==> flow/design.v <==
module sync_ram_block_stage #(
  parameter int ENTRIES = 8,
  parameter int XLEN = 2,
  parameter int AW = $clog2(ENTRIES)
) (
  input  logic i_clk,
  input  logic rst_i,
  input  logic write_i,
  input  logic [AW-1:0] wa_i,
  input  logic [XLEN-1:0] write_data_i,
  input  logic [AW-1:0] raddr_a_i,
  input  logic [AW-1:0] raddr_b_i,
  output logic [XLEN-1:0] rd_data_a_o,
  output logic [XLEN-1:0] rd_data_b_o
);
  logic write_s;
  logic [AW-1:0] wa_s;
  logic [XLEN-1:0] write_data_s;
  always_ff @(posedge i_clk or posedge rst_i) begin
    if (rst_i) begin
      write_s <= 1'b0;
      wa_s <= 0;
      write_data_s <= 0;
    end else begin
      write_s <= write_i;
      wa_s <= wa_i;
      write_data_s <= write_data_i;
    end
  end
  logic [XLEN-1:0] array [0:ENTRIES-1];
  always_ff @(posedge i_clk) begin
    if (write_s)
      array[wa_s] <= write_data_s;
  end
  logic [AW-1:0] raddr_a_s;
  logic [AW-1:0] raddr_b_s;
  logic [XLEN-1:0] rd_data_a_s;
  always_ff @(posedge i_clk or posedge rst_i) begin
    if (rst_i) begin
      raddr_a_s <= 0;
      raddr_b_s <= 0;
      rd_data_a_s <= 0;
    end else begin
      raddr_a_s <= raddr_a_i;
      raddr_b_s <= raddr_b_i;
      rd_data_a_s <= array[raddr_a_s];
    end
  end
  assign rd_data_a_o = rd_data_a_s;
  logic [XLEN-1:0] rd_data_b_s;
  always_ff @(posedge i_clk or posedge rst_i) begin
    if (rst_i) begin
      rd_data_b_s <= 0;
    end else begin
      rd_data_b_s <= array[raddr_b_s];
    end
  end
  assign rd_data_b_o = rd_data_b_s;
endmodule
Subject: tool reports on sync_ram_block_stage

Hi,

---- Tool chain data of sync_ram_block_stage ----
Module sync_ram_block_stage in several versions that differ in "ENTRIES"; each step lists the members.
The file above is the member ENTRIES = 8. Line numbers count from 1 in each member's own file.
Cell names lack the library's common part.
Not given: n/a
set-up
  design top .............................. sync_ram_block_stage
  clock ................................... i_clk
  standard-cell library ................... sky130hd
  library corner .......................... tt_025C_1v80

---- Members of the sweep ----
Lines of each other member's file that are new or changed against the file above; lines that a member lacks are not shown.
new or changed lines
  ENTRIES  RTL line  text
  16       2         parameter int ENTRIES = 16,
  48       2         parameter int ENTRIES = 48,
  64       2         parameter int ENTRIES = 64,
  128      2         parameter int ENTRIES = 128,

---- Word level ----
Yosys after proc, flatten, opt, wreduce and memory -nomap, before mapping. Enables and synchronous resets that opt folds into registers are not counted as muxes. Memory bits, and registers merged into a memory's read port (data or address), are not among the register bits. Print and check cells are not counted. Equal cells are merged and count once.
Yosys's memory passes give these memory sizes; they may raise the number of words (mostly to a power of two), join words into wider ones and drop unused or constant bits.
word-level totals
  ENTRIES  flip-flop bits (word level)  bits in writable memories  clocked read ports x word width  memories kept  output and inout bits
  8        12                           16                         4                                1              4
  16       15                           32                         4                                1              4
  48       21                           96                         4                                1              4
  64       21                           128                        4                                1              4
  128      24                           256                        4                                1              4
memories
  ENTRIES  shape (words x width / read and write ports)
  8        array 8x2 r2 w1
  16       array 16x2 r2 w1
  48       array 48x2 r2 w1
  64       array 64x2 r2 w1
  128      array 128x2 r2 w1
cells by class
  ENTRIES  muxes and demuxes
  8        3
  16       3
  48       3
  64       3
  128      3
operator list
  ENTRIES  kind and count
  8        two-way mux 3 bit (1); two-way mux 2 bit (1); two-way mux 1 bit (1)
  16       two-way mux 4 bit (1); two-way mux 2 bit (1); two-way mux 1 bit (1)
  48       two-way mux 6 bit (1); two-way mux 2 bit (1); two-way mux 1 bit (1)
  64       two-way mux 6 bit (1); two-way mux 2 bit (1); two-way mux 1 bit (1)
  128      two-way mux 7 bit (1); two-way mux 2 bit (1); two-way mux 1 bit (1)

---- Depth ----
Yosys ltp: most cells in a row. Word level: on the elaborated netlist, between registers, memories and ports. Mapped: between sequential cells and ports; inverters and the memories' decode and read muxes count.
depth
  ENTRIES  depth after elaboration  ABC_AREA  mapped depth  depth with buffers taken out
  8        1                        0         2             2
  16       1                        0         4             3
  48       1                        0         7             4
  64       1                        0         7             5
  128      1                        0         8             5

---- Mapped cells and area ----
Yosys stat after the flow's synthesis: flattened, memories mapped to cells. It holds for the ABC_AREA given above (unset counts as 0); a run with the other value may have another netlist.
The area totals of this step are shown rounded.
synthesis totals
  ENTRIES  mapped cells  chip area (Yosys) (mm^2)  flip-flop cells  buffer cells
  8        58            0.001199                  32               0
  16       117           0.002103                  51               4
  48       302           0.005463                  121              20
  64       407           0.007129                  153              26
  128      808           0.01341                   284              59
cells by type
  ENTRIES  type and count
  8        edfxtp_1 (16); dfrtp_1 (16); mux4_1 (8); mux2_2 (4); nor2_1 (6); nand2b_1 (3); nor3_1 (2); nand2_1 (2); inv_1 (1)
  16       edfxtp_1 (32); dfrtp_1 (19); mux4_1 (12); mux4_2 (4); nor2_1 (14); nand3_1 (9); a22oi_1 (4); nor2b_1 (4); buf_6 (2); nor3_1 (4); nand2_1 (5); nand3b_1 (2); nand2b_1 (2); or3b_2 (1); clkbuf_1 (2); inv_1 (1)
  48       edfxtp_1 (96); mux4_2 (42); dfrtp_1 (25); mux4_1 (12); nor2_1 (50); mux2i_1 (6); nor2b_1 (9); clkbuf_1 (12); mux2_2 (4); nand3_1 (8); a22oi_1 (4); buf_6 (2); buf_12 (1); buf_2 (4); nand2b_1 (3); a311oi_1 (2); or3b_2 (2); a211oi_1 (2); [+18]
  64       edfxtp_1 (128); mux4_2 (50); dfrtp_1 (25); mux4_1 (14); nor2_1 (68); clkbuf_8 (6); mux2i_1 (7); mux2_2 (6); o22ai_1 (10); nor2b_1 (9); nand3_1 (9); buf_12 (2); buf_6 (3); nand2b_1 (5); a2111oi_2 (2); clkbuf_1 (8); nand2_1 (8); nand3b_1 (4); [+43]
  128      edfxtp_1 (256); mux4_2 (98); dfrtp_1 (28); mux2i_1 (64); nor2_1 (124); mux4_1 (14); a22oi_1 (32); mux2_2 (16); clkbuf_1 (31); nor3_1 (21); o22ai_1 (16); a21oi_1 (16); nor2b_1 (11); nand2_1 (18); nand3_1 (12); buf_1 (15); nand2b_1 (8); buf_6 (4); [+24]
The mark [+n] counts cells that are not listed.

---- Worst setup path after synthesis ----
OpenSTA on the mapped netlist: ideal clock, no wires. The path of least setup slack (recovery checks aside). Input and output delay are each 20% of the period. Register names are those of the netlist, which keeps one name where synthesis merged equal registers.
timing after synthesis
  ENTRIES  path kind             start point            end point                clock period (ps)  setup slack (ps)  stages on the path  delay of the path (ps)  synthesis period reached (ps)
  8        register -> register  register raddr_a_s[0]  register rd_data_a_s[0]  1,650              330               3                   1,321                   1,320
  16       register -> register  register wa_s[2]       memory array[0][0]       1,770              358               3                   1,413                   1,412
  48       register -> register  register raddr_a_s[1]  register rd_data_a_s[0]  2,750              549               6                   2,201                   2,201
  64       register -> register  register raddr_b_s[0]  register rd_data_b_s[1]  2,360              472               8                   1,888                   1,888
  128      register -> register  register raddr_b_s[2]  register rd_data_b_s[0]  3,230              647               9                   2,583                   2,583
"delay of the path" = arrival - input delay + setup time.
"stages on the path" counts driving pins, that of a launching flip-flop among them; a cell with two outputs on the path counts twice.
"synthesis period reached" = period - worst setup slack (recovery checks aside). The figure is calculated, with input and output delays left at 20% of the set period.
RTL lines, path after synthesis, ENTRIES = 8
  item           RTL line  text
  from (decl)    35        logic [AW-1:0] raddr_a_s;
  from (assign)  40        raddr_a_s <= 0;
  from (assign)  44        raddr_a_s <= raddr_a_i;
  to (decl)      37        logic [XLEN-1:0] rd_data_a_s;
ENTRIES = 8: No chain of elaborated cells between the ends is given.
RTL lines, path after synthesis, ENTRIES = 128
  item           RTL line  text
  from (decl)    36        logic [AW-1:0] raddr_b_s;
  from (assign)  41        raddr_b_s <= 0;
  from (assign)  45        raddr_b_s <= raddr_b_i;
  to (decl)      50        logic [XLEN-1:0] rd_data_b_s;
ENTRIES = 128: No chain of elaborated cells between the ends is given.

---- Path in the finished layout ----
From the final timing report of the run of each member: the path of least setup slack in the routed layout; clock arrival at registers is part of the times.
The report prints the path's times to 10 ps; the period is as set.
timing after layout
  ENTRIES  path kind             start point              end point                   clock period (ps)  setup slack (ps)  stages on the path  arrival time (ps)  buffers on the path
  8        register -> output    register rd_data_b_s[0]  output port rd_data_b_o[0]  1,650              130               2                   1,190              1
  16       register -> register  register raddr_a_s[0]    register rd_data_a_s[0]     1,770              160               4                   1,790              0
  48       register -> register  register raddr_a_s[0]    register rd_data_a_s[1]     2,750              460               5                   2,580              1
  64       register -> register  register raddr_a_s[0]    register rd_data_a_s[1]     2,360              200               6                   2,470              1
  128      register -> register  register raddr_b_s[0]    register rd_data_b_s[1]     3,230              320               7                   3,330              1

---- Flow runs ----
One run of the flow (Yosys, OpenROAD) for each member, with settings and measured results. Input and output delays are each 20% of the period that was set; the output load is 0.01 pF.
settings
  CAP_MARGIN .............................. 20
  CORE_MARGIN ............................. 2
  CORE_UTILIZATION ........................ 40
  SLEW_MARGIN ............................. 20
settings that differ
  ENTRIES  period_ns
  8        1.65
  16       1.77
  48       2.75
  64       2.36
  128      3.23
results
  ENTRIES  chip area after synthesis (Yosys) (mm^2)  die outline area (mm^2)  standard-cell area after routing (mm^2)  worst setup slack after layout (ps)  overall power (µW)
  8        0.001199                                  0.00345                  0.001491                                 132                                  1,586
  16       0.002103                                  0.005855                 0.002457                                 160                                  2,169
  48       0.005463                                  0.01461                  0.006514                                 456                                  4,509
  64       0.007129                                  0.01891                  0.008242                                 198                                  6,294
  128      0.01341                                   0.03501                  0.01524                                  324                                  8,104
"overall power": no workload was simulated; the value follows from the tool's default switching activity.
The measured numbers are rounded.

Regards
